==> flow/design.v <==
module sync_compare_mod #(
  parameter integer W = 20,
  parameter integer LANES = 3
) (
  input logic core_clk,
  input logic rst_n,
  input logic [LANES*W-1:0] ch,
  output logic [W-1:0] high
);
  wire [W-1:0] n_ [1:2*LANES-1];
  generate
    for (genvar k = 0; k < LANES; k++) begin : gen
      assign n_[LANES+k] = ch[k*W +: W];
    end
    for (genvar k = 1; k < LANES; k++) begin : lane
      assign n_[k] = (n_[2*k] > n_[2*k+1]) ? n_[2*k] : n_[2*k+1];
    end
  endgenerate
  always_ff @(posedge core_clk) begin
    if (~rst_n) begin
      high <= '0;
    end else begin
      high <= n_[1];
    end
  end
endmodule
Wiki page: sync_compare_mod / tool data

* Reports on sync_compare_mod
Module sync_compare_mod in several versions that differ in "LANES"; each step lists the members. The file above is the member LANES = 3. Line numbers count from 1 in each member's own file. Library cell names are shortened. Not given: -
Inputs: top module sync_compare_mod, clock input core_clk, standard-cell library sky130hd, library corner tt_025C_1v80

* Source of the members
Lines of each other member's file that are new or changed against the file above; lines that a member lacks are not shown.
New or changed lines:
- LANES 4 | RTL line 3 | parameter integer LANES = 4
- LANES 16 | RTL line 3 | parameter integer LANES = 16

* Word level
Yosys after proc, flatten, opt, wreduce and memory -nomap, before mapping. Enables and synchronous resets that opt folds into registers are not counted as muxes. Memory bits, and registers merged into a memory's read port (data or address), are not among the register bits. Print and check cells are not counted. Equal cells are merged and count once.
Storage and ports:
- LANES 3 | register bits 20, output and inout port bits 20, word-level cells 5
- LANES 4 | register bits 20, output and inout port bits 20, word-level cells 7
- LANES 16 | register bits 20, output and inout port bits 20, word-level cells 31
Cells by class:
- LANES 3 | magnitude comparators 2, mux-type cells 2
- LANES 4 | magnitude comparators 3, mux-type cells 3
- LANES 16 | magnitude comparators 15, mux-type cells 15
Operators by type and width (kinds with counts):
- LANES 3 | greater-than comparator 20 bit (2); two-way mux 20 bit (2)
- LANES 4 | greater-than comparator 20 bit (3); two-way mux 20 bit (3)
- LANES 16 | greater-than comparator 20 bit (15); two-way mux 20 bit (15)

* Logic depth
Depth = most cells in a row (Yosys ltp): at word level without a register or memory, in the mapped netlist without a sequential cell, where the memories' decode and read muxes count.
Depth:
- LANES 3 | depth in word-level cells 4, ABC_AREA 0, mapped depth 19, gate-level depth less buffers 17
- LANES 4 | depth in word-level cells 4, ABC_AREA 0, mapped depth 19, gate-level depth less buffers 16
- LANES 16 | depth in word-level cells 8, ABC_AREA 0, mapped depth 55, gate-level depth less buffers 49

* Synthesis result
The flow's flattened synthesis, as Yosys stat reports it; memories are mapped. The netlist is that of the ABC_AREA named above (0 if unset); the other value can give another one. The area totals of this step are shown rounded.
Cell types (type and count):
- LANES 3 | ha_1 (40); dfxtp_1 (20); inv_1 (55); a21oi_1 (32); mux2i_1 (15); o21ai_0 (26); nand2_1 (17); nand4_1 (7); nand2b_1 (5); a21o_1 (4); a31oi_1 (4); clkbuf_1 (6); a31oi_4 (1); nor4_4 (1); buf_12 (1); nor3_4 (1); a221oi_2 (1); mux2i_2 (1); (+17)
- LANES 4 | ha_1 (60); dfxtp_1 (20); o2bb2ai_2 (20); mux2_4 (19); o221a_2 (19); inv_1 (40); nand3_1 (26); nand2_1 (26); a21oi_1 (19); nand4_1 (12); a21o_1 (7); buf_12 (2); a211oi_1 (5); clkbuf_1 (9); nor2b_1 (5); nor2_1 (6); or4_1 (3); and4_1 (2); (+29)
- LANES 16 | ha_1 (295); mux2i_1 (213); inv_1 (288); a21oi_1 (139); nand2_1 (110); dfxtp_1 (20); nand4_1 (58); a21o_1 (44); o21ai_0 (65); nor2_1 (67); o2111ai_1 (20); nor2b_1 (26); a311oi_1 (18); a32oi_1 (18); nor3_1 (27); nand2b_1 (20); clkbuf_1 (33); mux2_2 (10); (+192)
The mark (+n) counts cells that are not listed.
Mapped netlist:
- LANES 3 | standard cells after synthesis 254, synthesis area 1980 sq um, sequential part of the area 400 sq um, flip-flop cells 20, buffers 8
- LANES 4 | standard cells after synthesis 329, synthesis area 2970 sq um, sequential part of the area 400 sq um, flip-flop cells 20, buffers 16
- LANES 16 | standard cells after synthesis 1663, synthesis area 12300 sq um, sequential part of the area 400 sq um, flip-flop cells 20, buffers 61

* Path before layout
Source: OpenSTA report_checks on the synthesized netlist (no wires, ideal clock, input and output delay 20% of the period each), path of least setup slack; recovery checks are left aside. Register names are those of the netlist, which keeps one name where synthesis merged equal registers.
Timing after synthesis:
- LANES 3 | kind input to register, from in ch[59], to reg high[5], clock period 5.05 ns, slack 0.810 ns, driving pins on the path 17, delay of the path 3.230 ns, period reached after synthesis 4.24 ns
- LANES 4 | kind input to register, from in ch[38], to reg high[16], clock period 6.11 ns, slack 0.978 ns, driving pins on the path 17, delay of the path 3.910 ns, period reached after synthesis 5.132 ns
- LANES 16 | kind input to register, from in ch[318], to reg high[13], clock period 15.2 ns, slack 2.437 ns, driving pins on the path 51, delay of the path 9.722 ns, period reached after synthesis 12.763 ns
"delay of the path" is the arrival time less input delay plus setup time. "driving pins on the path": output pins that drive a net of the path, with the launching flip-flop's if there is one; two outputs of one cell count as two. "period reached after synthesis" = period - worst setup slack (recovery checks aside). The figure is calculated, with input and output delays left at 20% of the set period. The rows between start and end are the longest chain of elaborated cells between them; the timing report does not say that the signal goes this way. Where chains are equally long, one stands for them. A line is the first line of the expression or statement that the cell stems from. Yosys adds cells for indexed reads and writes and turns some case tables into memories.
Between the ends, after synthesis, LANES = 3: cells in the longest elaborated chain 4
Ends and longest elaborated chain, after synthesis, LANES = 3:
- start: declaration | RTL line 7 | input logic [LANES*W-1:0] ch,
- greater-than comparator 20 bit | RTL line 16 | assign n_[k] = (n_[2*k] > n_[2*k+1]) ? n_[2*k] : n_[2*k+1];
- two-way mux 20 bit | RTL line 16
- greater-than comparator 20 bit | RTL line 16
- two-way mux 20 bit | RTL line 16
- end: assignment | RTL line 21 | high <= '0;
- end: assignment | RTL line 23 | high <= n_[1];
- end: declaration | RTL line 8 | output logic [W-1:0] high
Between the ends, after synthesis, LANES = 16: cells in the longest elaborated chain 8
Ends and longest elaborated chain, after synthesis, LANES = 16:
- start: declaration | RTL line 7 | input logic [LANES*W-1:0] ch,
- greater-than comparator 20 bit | RTL line 16 | assign n_[k] = (n_[2*k] > n_[2*k+1]) ? n_[2*k] : n_[2*k+1];
- two-way mux 20 bit | RTL line 16
- greater-than comparator 20 bit | RTL line 16
- two-way mux 20 bit | RTL line 16
- greater-than comparator 20 bit | RTL line 16
- two-way mux 20 bit | RTL line 16
- greater-than comparator 20 bit | RTL line 16
- two-way mux 20 bit | RTL line 16
- end: assignment | RTL line 21 | high <= '0;
- end: assignment | RTL line 23 | high <= n_[1];
- end: declaration | RTL line 8 | output logic [W-1:0] high

* Path in the finished layout
From the final timing report of the run of each member: the path of least setup slack in the routed layout; clock arrival at registers is part of the times.
Timing post-layout:
- LANES 3 | kind input to register, from in ch[55], to reg high[6], clock period 5.05 ns, slack 0.26 ns, driving pins on the path 19, arrival 4.97 ns, buffers on the path 3
- LANES 4 | kind input to register, from in ch[38], to reg high[9], clock period 6.11 ns, slack 0.58 ns, driving pins on the path 17, arrival 5.67 ns, buffers on the path 3
- LANES 16 | kind input to register, from in ch[278], to reg high[3], clock period 15.2 ns, slack 1.12 ns, driving pins on the path 46, arrival 14.28 ns, buffers on the path 5

* Layout results
One run of the flow (Yosys, OpenROAD) for each member, with settings and measured results. Input and output delays are each 20% of the period that was set; the output load is 0.01 pF.
Flow settings: CAP_MARGIN 20, CORE_MARGIN 2, CORE_UTILIZATION 40, SLEW_MARGIN 20
Settings that differ (period_ns):
- LANES 3 | 5.05
- LANES 4 | 6.11
- LANES 16 | 15.2
Results:
- LANES 3 | chip area in the Yosys report 1980 sq um, total die area 5530 sq um, post-layout utilization 61.6%, worst setup slack after layout 0.265 ns, final worst hold slack 1.38 ns, total design power 0.594 mW
- LANES 4 | chip area in the Yosys report 2970 sq um, total die area 8120 sq um, post-layout utilization 56.9%, worst setup slack after layout 0.578 ns, final worst hold slack 1.64 ns, total design power 0.675 mW
- LANES 16 | chip area in the Yosys report 12300 sq um, total die area 32100 sq um, post-layout utilization 53.3%, worst setup slack after layout 1.12 ns, final worst hold slack 3.48 ns, total design power 1.40 mW
"total design power" rests on the timing tool's default activity at the inputs, not on a simulated workload. Measured values are rounded.
